==> flow/design.v <==
module u_data_mux_mod #(
    parameter DWIDTH = 32,
    parameter COUNT = 5,
    parameter LOGN = $clog2(COUNT)
) (
    input logic sys_clk,
    input logic [COUNT*DWIDTH-1:0] in_src,
    input logic [LOGN-1:0] in_s,
    output logic [DWIDTH-1:0] out_data_out
);
    logic [COUNT*DWIDTH-1:0] src_q;
    always_ff @(posedge sys_clk)
        src_q <= in_src;
    logic [LOGN-1:0] s_q;
    always_ff @(posedge sys_clk)
        s_q <= in_s;
    assign out_data_out = src_q[s_q*DWIDTH +: DWIDTH];
endmodule
# ---- Step by step through the tools: u_data_mux_mod
# A sweep over "COUNT": the same steps for each member of the family.
# The RTL above is that of COUNT 5; lines are counted from 1 in the file of the member named.
# Cell names lack the library's common part.
# A cell with n/a has no value.
dict set report setup {
  design {u_data_mux_mod}
  clock_port {sys_clk}
  library {sky130hd}
  corner {tt_025C_1v80}
}

# ---- Source of the members
# Lines of each other member's file that are new or changed against the file above; lines that a member lacks are not shown.
# COUNT line_no
set changed_lines {}
lappend changed_lines {12 3} ;# parameter COUNT = 12,
lappend changed_lines {24 3} ;# parameter COUNT = 24,

# ---- Word level
# Counts by Yosys on the flattened word-level netlist (proc, flatten, opt, wreduce; memories kept). Register bits leave out memories and registers merged into their read ports (data or address); mux counts leave out enables and synchronous resets folded into registers. Print and check cells are left out. Cells with the same type and inputs are merged into one.
# COUNT ff_bits in_bits
set word_totals {}
lappend word_totals {5 163 164}
lappend word_totals {12 388 389}
lappend word_totals {24 773 774}
# COUNT n_shift
set classes {}
lappend classes {5 1}
lappend classes {12 1}
lappend classes {24 1}
# COUNT operators
set ops {}
lappend ops {5 {160-bit by 9-bit variable part select with 32-bit output: 1}}
lappend ops {12 {384-bit by 10-bit variable part select with 32-bit output: 1}}
lappend ops {24 {768-bit by 11-bit variable part select with 32-bit output: 1}}

# ---- Logic depth
# Yosys ltp: most cells in a row. Word level: on the elaborated netlist, between registers, memories and ports. Mapped: between sequential cells and ports; inverters and the memories' decode and read muxes count.
# COUNT ltp_word abc_area mapped_depth mapped_depth_nobuf
set depth {}
lappend depth {5 1 0 5 3}
lappend depth {12 1 0 6 3}
lappend depth {24 1 0 8 4}

# ---- Netlist
# Source: synth_stat.txt of the flow (Yosys; design flattened, memories mapped). It holds for the ABC_AREA given above (unset counts as 0); a run with the other value may have another netlist.
# The area totals of this step are shown rounded.
# COUNT area_um2 cells ffs n_buf
set mapped {}
lappend mapped {5 4700 313 163 17}
lappend mapped {12 11000 686 388 39}
lappend mapped {24 22000 1485 773 86}
# COUNT cell_types
set types {}
lappend types {5 {dfxtp_1: 163; mux2_4: 29; mux2i_1: 31; a221o_1: 30; nor2_1: 31; buf_12: 3; buf_2: 10; mux2_2: 4; buf_4: 3; nor3b_2: 1; buf_6: 1; a22o_1: 1; a21o_1: 1; a22oi_1: 1; nand2b_1: 1; nor2b_1: 1; nor3_1: 1; o21ai_1: 1}}
lappend types {12 {dfxtp_1: 388; mux4_2: 64; mux2_2: 64; o31ai_2: 20; o22ai_1: 32; nand2_1: 33; nor2_1: 32; o31ai_1: 12; clkbuf_1: 15; buf_2: 11; buf_4: 6; buf_6: 4; buf_1: 3; nand2b_1: 1; nor2b_1: 1}}
lappend types {24 {dfxtp_1: 773; mux2i_1: 256; mux4_2: 64; a22oi_1: 96; nand3_1: 74; o211ai_1: 32; a221oi_1: 22; buf_4: 23; nand2b_1: 23; clkbuf_1: 30; a21oi_1: 21; buf_6: 9; nand2_1: 21; buf_2: 14; nor2_1: 13; buf_1: 9; nor2b_1: 3; buf_8: 1; and2_1: 1}}

# ---- Path before layout
# Source: OpenSTA report_checks on the synthesized netlist (no wires, ideal clock, input and output delay 20% of the period each), path of least setup slack; recovery checks are left aside. Register names are those of the netlist, which keeps one name where synthesis merged equal registers.
# COUNT kind from to delay_ns tclk_ns setup_slack_ns driving_pins synth_period_reached_ns
set synth_timing {}
lappend synth_timing {5 {register to output} {reg s_q[2]} {out out_data_out[10]} 1.210 1.89 0.302 5 1.588}
lappend synth_timing {12 {register to output} {reg s_q[0]} {out out_data_out[0]} 1.335 2.09 0.337 6 1.753}
lappend synth_timing {24 {register to output} {reg s_q[1]} {out out_data_out[11]} 1.543 2.41 0.385 6 2.025}
# "delay_ns" is the arrival time less input delay plus setup time.
# At an output port there is no setup time.
# "driving_pins": output pins that drive a net of the path, with the launching flip-flop's if there is one; two outputs of one cell count as two.
# "synth_period_reached_ns" = period - worst setup slack (recovery checks aside). The figure is calculated, with input and output delays left at 20% of the set period.
# The rows between start and end are the longest chain of elaborated cells between them; the timing report does not say that the signal goes this way. Where chains are equally long, one stands for them.
# A line is the first line of the expression or statement that the cell stems from. Yosys adds cells for indexed reads and writes and turns some case tables into memories.
dict set report synth_between_COUNT_5 {
  elab_chain_len 1
}
# element line_no
set synth_lines_COUNT_5 {}
lappend synth_lines_COUNT_5 {{start, declared} 14} ;# logic [LOGN-1:0] s_q;
lappend synth_lines_COUNT_5 {{start, assigned} 16} ;# s_q <= in_s;
lappend synth_lines_COUNT_5 {{160-bit by 9-bit variable part select with 32-bit output} 17} ;# assign out_data_out = src_q[s_q*DWIDTH +: DWIDTH];
lappend synth_lines_COUNT_5 {{end, declared} 9} ;# output logic [DWIDTH-1:0] out_data_out
dict set report synth_between_COUNT_24 {
  elab_chain_len 1
}
# element line_no
set synth_lines_COUNT_24 {}
lappend synth_lines_COUNT_24 {{start, declared} 14} ;# logic [LOGN-1:0] s_q;
lappend synth_lines_COUNT_24 {{start, assigned} 16} ;# s_q <= in_s;
lappend synth_lines_COUNT_24 {{768-bit by 11-bit variable part select with 32-bit output} 17} ;# assign out_data_out = src_q[s_q*DWIDTH +: DWIDTH];
lappend synth_lines_COUNT_24 {{end, declared} 9} ;# output logic [DWIDTH-1:0] out_data_out

# ---- Path in the finished layout
# Path of least setup slack in the final report of each member's run (OpenROAD, finished layout, wires in). Where an end is a register, its clock arrival counts in the times.
# COUNT kind from to setup_slack_ns arrival_time_ns driving_pins tclk_ns n_path_buf
set layout_timing {}
lappend layout_timing {5 {register to output} {reg s_q[2]} {out out_data_out[6]} -0.30 1.81 8 1.89 5}
lappend layout_timing {12 {register to output} {reg s_q[0]} {out out_data_out[4]} -0.48 2.15 8 2.09 4}
lappend layout_timing {24 {register to output} {reg s_q[0]} {out out_data_out[23]} -0.68 2.61 6 2.41 2}

# ---- Layout results
# One run of the flow (Yosys, OpenROAD) for each member, with settings and measured results. Input and output delays are each 20% of the period that was set; the output load is 0.01 pF.
dict set report settings {
  CAP_MARGIN 20
  CORE_MARGIN 2
  CORE_UTILIZATION 40
  SLEW_MARGIN 20
}
# COUNT period_ns
set settings_by_member {}
lappend settings_by_member {5 1.89}
lappend settings_by_member {12 2.09}
lappend settings_by_member {24 2.41}
# COUNT design_die_area_um2 final_hold_ws_ns stdcell_area_um2 power_w worst_setup_slack_ns achieved_period_ns yosys.chip_area_um2 setupTns_ns finish.utilization_pct
set results {}
lappend results {5 13000 0.40 7700 0.0083 -0.30 2.187 4700 -8.2 68}
lappend results {12 29000 0.33 18000 0.017 -0.48 2.566 11000 -13 67}
lappend results {24 57000 0.30 36000 0.029 -0.68 3.092 22000 -18 66}
# "achieved_period_ns" is the run's clock period less its worst setup slack. It is reckoned from that one timing run; input and output delays stay at 20% of the period that was set.
# "power_w" is the tool's figure for a default switching activity; nothing was simulated.
# The results are shown rounded.
